==> flow/design.v <==
module mux2 #(parameter N = 1) (
    input wire [N-1:0] a,
    input wire [N-1:0] b,
    input wire s,
    output wire [N-1:0] y
);
    assign y = s ? b : a;
endmodule
module data_mux_n (i_clk, aresetn, in_in, idx_in, res_out);
    parameter integer BITS = 3;
    parameter integer LANES = 16;
    localparam integer SEL_WIDTH = $clog2(LANES);
    input i_clk;
    input aresetn;
    input [LANES*BITS-1:0] in_in;
    input [SEL_WIDTH-1:0] idx_in;
    output [BITS-1:0] res_out;
    reg [LANES*BITS-1:0] in_d1;
    reg [SEL_WIDTH-1:0] idx_d1;
    always @(posedge i_clk or negedge aresetn) begin
        if (~aresetn) begin
            in_d1 <= 0;
            idx_d1 <= 0;
        end else begin
            in_d1 <= in_in;
            idx_d1 <= idx_in;
        end
    end
    wire [BITS-1:0] tree [1:2*LANES-1];
    genvar k;
    generate
        for (k = 0; k < LANES; k = k + 1) begin : u_g
            assign tree[LANES+k] = in_d1[k*BITS +: BITS];
        end
        for (k = 1; k < LANES; k = k + 1) begin : stage
            mux2 #(.N(BITS)) i_sub (.a(tree[2*k]), .b(tree[2*k+1]), .s(idx_d1[SEL_WIDTH - $clog2(k+1)]), .y(tree[k]));
        end
    endgenerate
    assign res_out = tree[1];
endmodule
* Step by step through the tools: data_mux_n
Tool output for the design above, in the order of the flow.
Lines are those of the file above, counted from 1.
Cell names lack the library's common part.
Not given: n/a
- Design top :: data_mux_n
- Clock port :: i_clk
- Cell library :: sky130hd
- Timing corner :: tt_025C_1v80

* Word level
Yosys after proc, flatten, opt, wreduce and memory -nomap, before mapping. Enables and synchronous resets that opt folds into registers are not counted as muxes. Print and check cells are not counted. Equal cells are merged and count once.
- Register bits :: 52
- Output and inout bits :: 3
- Elaborated cells :: 17
- Muxes and demuxes :: 15
** Operators by type and width (count)
- 2-to-1 mux 3 bit :: 15

* Longest topological paths
Longest topological path by Yosys (ltp), each cell counted once; first at word level (registers and memories cut), then after technology mapping (sequential cells cut; the memories' decode and read muxes count).
- Word-level depth :: 4
- ABC_AREA :: 0
- Gate-level depth with buffers :: 4
- Gate-level depth less buffers :: 3

* Netlist
The flow's flattened synthesis, as Yosys stat reports it; memories are mapped. The netlist is that of the ABC_AREA named above (0 if unset); the other value can give another one.
- Mapped cells :: 81
- Flip-flop cells :: 52
- Synthesis area :: 1701.6 µm²
- Sequential part of the area :: 1301.2 µm²
** Cells by type
- dfrtp_1 :: count 52, area in all 1.3E+03 µm²
- mux4_1 :: count 8, area in all 210.202 µm²
- mux4_2 :: count 4, area in all 90.086 µm²
- nand3_1 :: count 6, area in all 30.029 µm²
- a22oi_1 :: count 2, area in all 15.014 µm²
- a22oi_2 :: count 1, area in all 12.512 µm²
- nor2b_1 :: count 2, area in all 12.512 µm²
- buf_6 :: count 1, area in all 11.261 µm²
- nand2_1 :: count 3, area in all 11.261 µm²
- clkbuf_1 :: count 1, area in all 3.754 µm²
- nor2_1 :: count 1, area in all 3.754 µm²
The figures by module come from a second, unflattened synthesis with its own total; it is not the netlist above.
- Cells (unflattened synthesis) :: 97
- Area total of the unflattened synthesis :: 1808.0 µm²
Rows give one instance, submodules left out.
** Modules
- data_mux_n :: cells 52, area 1301.2 µm², seq. area 1301.2 µm², instances 1
- mux2 (N=3) :: cells 3, area 33.8 µm², seq. area 0.0 µm², instances 15

* Path before layout
Path of least setup slack by OpenSTA after synthesis, without wires, with an ideal clock, recovery checks aside; 20% of the period is set as input and as output delay. Where synthesis merged equal registers, the netlist keeps one of their names.
- Path type :: register -> output
- Start point :: reg idx_d1[0]
- End point :: out res_out[0]
- Arrival :: 1337 ps
- Period :: 2090 ps
- Slack :: 335 ps
- Driving pins on the path :: 5
- Data required time :: 1672 ps
- Delay of the path :: 1337 ps
- Time at the first pin :: 0 ps
- Synthesis period reached :: 1755 ps
"delay of the path" is the arrival time less input delay plus setup time.
At an output port there is no setup time.
"driving pins on the path" counts driving pins, that of a launching flip-flop among them; a cell with two outputs on the path counts twice.
"synthesis period reached" = period - worst setup slack (recovery checks aside). The figure is calculated, with input and output delays left at 20% of the set period.
Between the ends stands the longest chain of elaborated cells between them, by number of cells; it is not shown to be the way that was timed. Of several equally long chains one is given.
A line is the first line of the expression or statement that the cell stems from. Yosys adds cells for indexed reads and writes and turns some case tables into memories.
- Cells stage by stage :: dfrtp_1 -> buf_6 -> mux4_2 -> a22oi_2 -> nand3_1
- Length of the longest elaborated chain :: 4
- Elaborated cells between the ends (all ways) :: 15
- Source lines of those cells :: 1
** RTL lines, path post-synthesis
- from (decl) :: RTL line 19 : reg [SEL_WIDTH-1:0] idx_d1;
- from (assign) :: RTL line 23 : idx_d1 <= 0;
- from (assign) :: RTL line 26 : idx_d1 <= idx_in;
- 2-to-1 mux 3 bit (4 in a row) :: RTL line 7 : assign y = s ? b : a;
- to (decl) :: RTL line 17 : output [BITS-1:0] res_out;

* Worst path after layout
Path of least setup slack in the final report of run 2 (OpenROAD, finished layout, wires in). Where an end is a register, its clock arrival counts in the times.
The report prints the path's times to 10 ps; the period is as set.
- Path type :: register -> output
- Start point :: reg idx_d1[0]
- End point :: out res_out[2]
- Data required time :: 1670 ps
- Time at the first pin :: 300 ps
- Slack :: -140 ps
- Period :: 2090 ps
- Arrival :: 1810 ps
- Driving pins on the path :: 7
Between the ends stands the longest chain of elaborated cells between them, by number of cells; it is not shown to be the way that was timed. Of several equally long chains one is given.
- Cells stage by stage :: dfrtp_2 -> buf_4 -> buf_6 -> mux4_2 -> a22oi_2 -> nand3_1 -> buf_2
- Length of the longest elaborated chain :: 4
- Elaborated cells between the ends (all ways) :: 15
- Source lines of those cells :: 1
** RTL lines, path after layout
- from (decl) :: RTL line 19 : reg [SEL_WIDTH-1:0] idx_d1;
- from (assign) :: RTL line 23 : idx_d1 <= 0;
- from (assign) :: RTL line 26 : idx_d1 <= idx_in;
- 2-to-1 mux 3 bit (4 in a row) :: RTL line 7 : assign y = s ? b : a;
- to (decl) :: RTL line 17 : output [BITS-1:0] res_out;

Lab notebook: data_mux_n

Module data_mux_n, platform sky130hd: 3 stored runs of the flow (Yosys, OpenROAD) with differing settings, in no particular order. Input and output delays are each 20% of the period that was set; the output load is 0.01 pF.
"achieved period": clock period set for the run, less the worst setup slack. It is reckoned from that one timing run; input and output delays stay at 20% of the period that was set.
"worst setup path time": the worst setup path's part of the clock period (all of it between registers, 20% less for each end at a port) less its slack. A launch clock that arrives late makes it longer, a capture clock that arrives late makes it shorter.
"power consumption" rests on the timing tool's default activity at the inputs, not on a simulated workload.
"worst setup path time" is given in steps of 10 ps.

** Run 1
- Settings :: period_ns=2.87; CORE_UTILIZATION=54; SETUP_SLACK_MARGIN=0.44; PLACE_DENSITY=0.4; CELL_PAD_IN_SITES_GLOBAL_PLACEMENT=2; ABC_AREA=1; CAP_MARGIN=35; SLEW_MARGIN=25; MIN_ROUTING_LAYER=met1; CORE_MARGIN=2
- Outcome :: did not finish, placement stopped with GPL-0301

** Run 2
- Settings :: period_ns=2.09; CAP_MARGIN=20; CORE_MARGIN=2; CORE_UTILIZATION=40; SLEW_MARGIN=20
- Area of the synthesized netlist :: 1701.6 µm²
- Total die area :: 4792.1 µm²
- Standard-cell area after routing :: 2452.3 µm²
- Post-layout utilization :: 0.604
- Worst setup slack after layout :: -140 ps
- Total negative slack on setup checks :: -368 ps
- Power consumption :: 1.843 mW
- Achieved period :: 2230 ps
- Worst setup path time :: 1810 ps
- Kind of the worst setup path :: register -> output

** Run 3
- Settings :: period_ns=1.19; CORE_UTILIZATION=67; SETUP_SLACK_MARGIN=0.06; PLACE_DENSITY=0.46; CORE_MARGIN=7; GPL_TIMING_DRIVEN=0; CTS_CLUSTER_SIZE=40; SLEW_MARGIN=40; MIN_ROUTING_LAYER=met2; CAP_MARGIN=20
- Outcome :: did not finish, clock tree synthesis stopped with DPL-0038
